==> flow/design.v <==
module u_switch (clk, d, choose, q);
   parameter DW = 10;
   parameter LANES = 3;
   input clk;
   input [LANES*DW-1:0] d;
   input [LANES-1:0] choose;
   output [DW-1:0] q;
   reg [DW-1:0] cur;
   integer n;
   always @(*) begin
      cur = 0;
      for (n = LANES-1; n >= 0; n = n - 1)
         if (choose[n]) cur = d[n*DW +: DW];
   end
   reg [DW-1:0] q_r;
   always @(posedge clk)
      q_r <= cur;
   assign q = q_r;
endmodule
**Step by step through the tools: u_switch**

The steps from the RTL of u_switch to its reports follow in flow order.
Lines are those of the file above, counted from 1.
Cell names lack the library's common part.
Not given: -

- Top module: u_switch
- Clock: clk
- Library: sky130hd
- Corner: tt_025C_1v80

**After elaboration**

Counts by Yosys on the flattened word-level netlist (proc, flatten, opt, wreduce; memories kept). Register bits leave out memories and registers merged into their read ports (data or address); mux counts leave out enables and synchronous resets folded into registers. Print and check cells are left out. Cells with the same type and inputs are merged into one.

- Mux-type cells: 3

Operators by type and width:

| operator | count |
|---|---|
| 2-to-1 mux 10 bit | 3 |

- Flip-flop bits (word level): 10
- Cells after elaboration: 4

**Logic depth**

Yosys ltp: most cells in a row. Word level: on the elaborated netlist, between registers, memories and ports. Mapped: between sequential cells and ports; inverters and the memories' decode and read muxes count.

- Depth after elaboration: 3
- ABC_AREA: 0
- Depth in mapped cells: 3
- Depth with buffers taken out: 2

**Mapped cells and area**

Yosys stat after the flow's synthesis: flattened, memories mapped to cells. It holds for the ABC_AREA given above (unset counts as 0); a run with the other value may have another netlist.

- Mapped cells: 55
- Mapped area: 0.0004717 mm²
- Area of sequential cells: 0.0002002 mm²
- Flip-flop cells: 10
- Buffers: 5

Cell types:

| type | count | total area (µm²) |
|---|---|---|
| dfxtp_1 | 10 | 200.192 |
| a21oi_1 | 20 | 100.096 |
| nand3b_1 | 10 | 75.072 |
| nor2b_1 | 10 | 62.56 |
| buf_6 | 1 | 11.261 |
| buf_2 | 2 | 10.01 |
| buf_4 | 1 | 7.507 |
| clkbuf_2 | 1 | 5.005 |

**Path before layout**

Path of least setup slack by OpenSTA after synthesis, without wires, with an ideal clock, recovery checks aside; 20% of the period is set as input and as output delay. Where synthesis merged equal registers, the netlist keeps one of their names.

- Kind: in2reg
- From: input port (name not given)
- To: register q_r[7]
- Clock period: 0.708 ns
- Time at the first pin: 0.142 ns
- Arrival: 0.477 ns
- Required time: 0.590 ns
- Slack: 0.113 ns
- Path delay: 0.453 ns
- Stages: 3
- Buffers on the path: 1
- Synthesis period reached: 0.595 ns

"path delay" = arrival - input delay + setup time.
"stages": output pins that drive a net of the path, with the launching flip-flop's if there is one; two outputs of one cell count as two.
"synthesis period reached" is the clock period less the worst setup slack; recovery checks do not enter. This is arithmetic on one report: input and output delays are still those of the set period (20% each).
The rows between start and end are the longest chain of elaborated cells between them; the timing report does not say that the signal goes this way. Where chains are equally long, one stands for them.
A line is the first line of the expression or statement that the cell stems from. Yosys adds cells for indexed reads and writes and turns some case tables into memories.

- Cell sequence: buf_4 a21oi_1 a21oi_1
- Length of the longest elaborated chain: 2
- Elaborated cells on any way between the ends: 2
- Source lines of those cells: 1
- Classes of those cells: mux (2)

RTL lines, path post-synthesis:

| element | RTL line | source |
|---|---|---|
| start: declaration | 6 |  |
| 2-to-1 mux 10 bit x2 | 13 |  |
| end: assignment | 17 | `q_r <= cur;` |
| end: declaration | 15 | `reg [DW-1:0] q_r;` |

**Path in the finished layout**

Path of least setup slack in the final report of stored run 2 (OpenROAD, finished layout, wires in). Where an end is a register, its clock arrival counts in the times.

- Kind: reg2out
- From: register q_r[0]
- To: output port q[0]
- Clock period: 0.595 ns
- External output delay: 0.12 ns
- Time at the first pin: 0.27 ns
- Arrival: 0.77 ns
- Required time: 0.48 ns
- Slack: -0.29 ns
- Stages: 2
- Buffers on the path: 1

- Cell sequence: dfxtp_1 buf_2
- Length of the longest elaborated chain: 0
- Elaborated cells on any way between the ends: 0
- Source lines of those cells: 0

RTL lines, path post-layout:

| element | RTL line | source |
|---|---|---|
| start: declaration | 15 | `reg [DW-1:0] q_r;` |
| start: assignment | 17 | `q_r <= cur;` |
| end: declaration | 7 | `output [DW-1:0] q;` |

# Flow runs of u_switch

Record of 3 stored runs of the RTL-to-layout flow on u_switch, platform sky130hd. The runs are unordered. Constraints: input delay and output delay 20% of the set period each, output load 0.01 pF.
"achieved clock period" means the clock period less the worst setup slack. The figure is calculated, with input and output delays left at 20% of the set period.
"allowed time less slack (worst setup path)" is the time allowed to the run's worst setup path (the clock period less input and output delay, where it has them) less its slack. Clock arrival times count: a late capture clock shortens it, a late launch clock lengthens it.
By "power consumption" is meant OpenSTA's value without simulated activity: inputs other than the clock are taken to toggle once in ten clock periods, and the tool carries that through the logic.

### Stored run 1

==> flow/run.sh <==
#!/bin/bash
# the make line also repeats the synthesis and layout settings of config.mk as NAME=value (left out here)
make -C /OpenROAD-flow-scripts/flow DESIGN_CONFIG=/design/flow/config.mk WORK_HOME=/design/flow/orfs CLKGATE_MAP_FILE= finish
==> flow/config.mk <==
export PLATFORM = sky130hd
export DESIGN_NAME = u_switch
export DESIGN_NICKNAME = u_switch
export VERILOG_FILES = /design/flow/design.v
export SDC_FILE = /design/flow/constraint.sdc
export NUM_CORES = 4
export LEC_CHECK = 0
export CAP_MARGIN = 20
export CELL_PAD_IN_SITES_DETAIL_PLACEMENT = 0
export CORE_ASPECT_RATIO = 0.55
export CORE_MARGIN = 2
export CORE_UTILIZATION = 43
export CTS_CLUSTER_SIZE = 53
export MAX_ROUTING_LAYER = met5
export MIN_ROUTING_LAYER = met2
export PLACE_DENSITY_LB_ADDON = 0.01
export SLEW_MARGIN = 20
==> flow/constraint.sdc <==
create_clock -name core_clock -period 0.955 [get_ports {clk}]
set_input_delay 0.1910 -clock core_clock [delete_from_list [all_inputs] [get_ports {clk}]]
set_output_delay 0.1910 -clock core_clock [all_outputs]
set_load 0.01 [all_outputs]

Outcome of stored run 1: did not finish, floorplanning stopped with PDN-0185

### Stored run 2

==> flow/run.sh <==
#!/bin/bash
# the make line also repeats the synthesis and layout settings of config.mk as NAME=value (left out here)
make -C /OpenROAD-flow-scripts/flow DESIGN_CONFIG=/design/flow/config.mk WORK_HOME=/design/flow/orfs CLKGATE_MAP_FILE= finish
==> flow/config.mk <==
export PLATFORM = sky130hd
export DESIGN_NAME = u_switch
export DESIGN_NICKNAME = u_switch
export VERILOG_FILES = /design/flow/design.v
export SDC_FILE = /design/flow/constraint.sdc
export NUM_CORES = 4
export LEC_CHECK = 0
export ABC_AREA = 0
export CAP_MARGIN = 20
export CORE_ASPECT_RATIO = 0.85
export CORE_MARGIN = 2
export CORE_UTILIZATION = 39
export CTS_CLUSTER_SIZE = 91
export MAX_ROUTING_LAYER = met5
export PLACE_DENSITY = 0.66
export SLEW_MARGIN = 5
export TNS_END_PERCENT = 35
==> flow/constraint.sdc <==
create_clock -name core_clock -period 0.595 [get_ports {clk}]
set_input_delay 0.1190 -clock core_clock [delete_from_list [all_inputs] [get_ports {clk}]]
set_output_delay 0.1190 -clock core_clock [all_outputs]
set_load 0.01 [all_outputs]

Results of stored run 2:
- Post-route worst hold slack: 0.176 ns
- Setup total negative slack: -2.605 ns
- Standard-cell area after layout: 0.0009947 mm²
- Worst setup slack after layout: -0.290 ns
- Achieved clock period: 0.885 ns
- Allowed time less slack (worst setup path): 0.77 ns
- Class of the worst setup path: reg2out
- Chip area in the Yosys report: 0.0004717 mm²
- Power consumption: 0.001963 W
- Overall die area: 0.0015046 mm²

### Stored run 3

==> flow/run.sh <==
#!/bin/bash
# the make line also repeats the synthesis and layout settings of config.mk as NAME=value (left out here)
make -C /OpenROAD-flow-scripts/flow DESIGN_CONFIG=/design/flow/config.mk WORK_HOME=/design/flow/orfs CLKGATE_MAP_FILE= finish
==> flow/config.mk <==
export PLATFORM = sky130hd
export DESIGN_NAME = u_switch
export DESIGN_NICKNAME = u_switch
export VERILOG_FILES = /design/flow/design.v
export SDC_FILE = /design/flow/constraint.sdc
export NUM_CORES = 4
export LEC_CHECK = 0
export CAP_MARGIN = 20
export CORE_MARGIN = 2
export CORE_UTILIZATION = 40
export SLEW_MARGIN = 20
==> flow/constraint.sdc <==
create_clock -name core_clock -period 0.708 [get_ports {clk}]
set_input_delay 0.1416 -clock core_clock [delete_from_list [all_inputs] [get_ports {clk}]]
set_output_delay 0.1416 -clock core_clock [all_outputs]
set_load 0.01 [all_outputs]

Results of stored run 3:
- Post-route worst hold slack: 0.448 ns
- Setup total negative slack: -1.314 ns
- Standard-cell area after layout: 0.0009559 mm²
- Worst setup slack after layout: -0.145 ns
- Achieved clock period: 0.853 ns
- Allowed time less slack (worst setup path): 0.71 ns
- Class of the worst setup path: reg2out
- Chip area in the Yosys report: 0.0004717 mm²
- Power consumption: 0.001493 W
- Overall die area: 0.00147 mm²
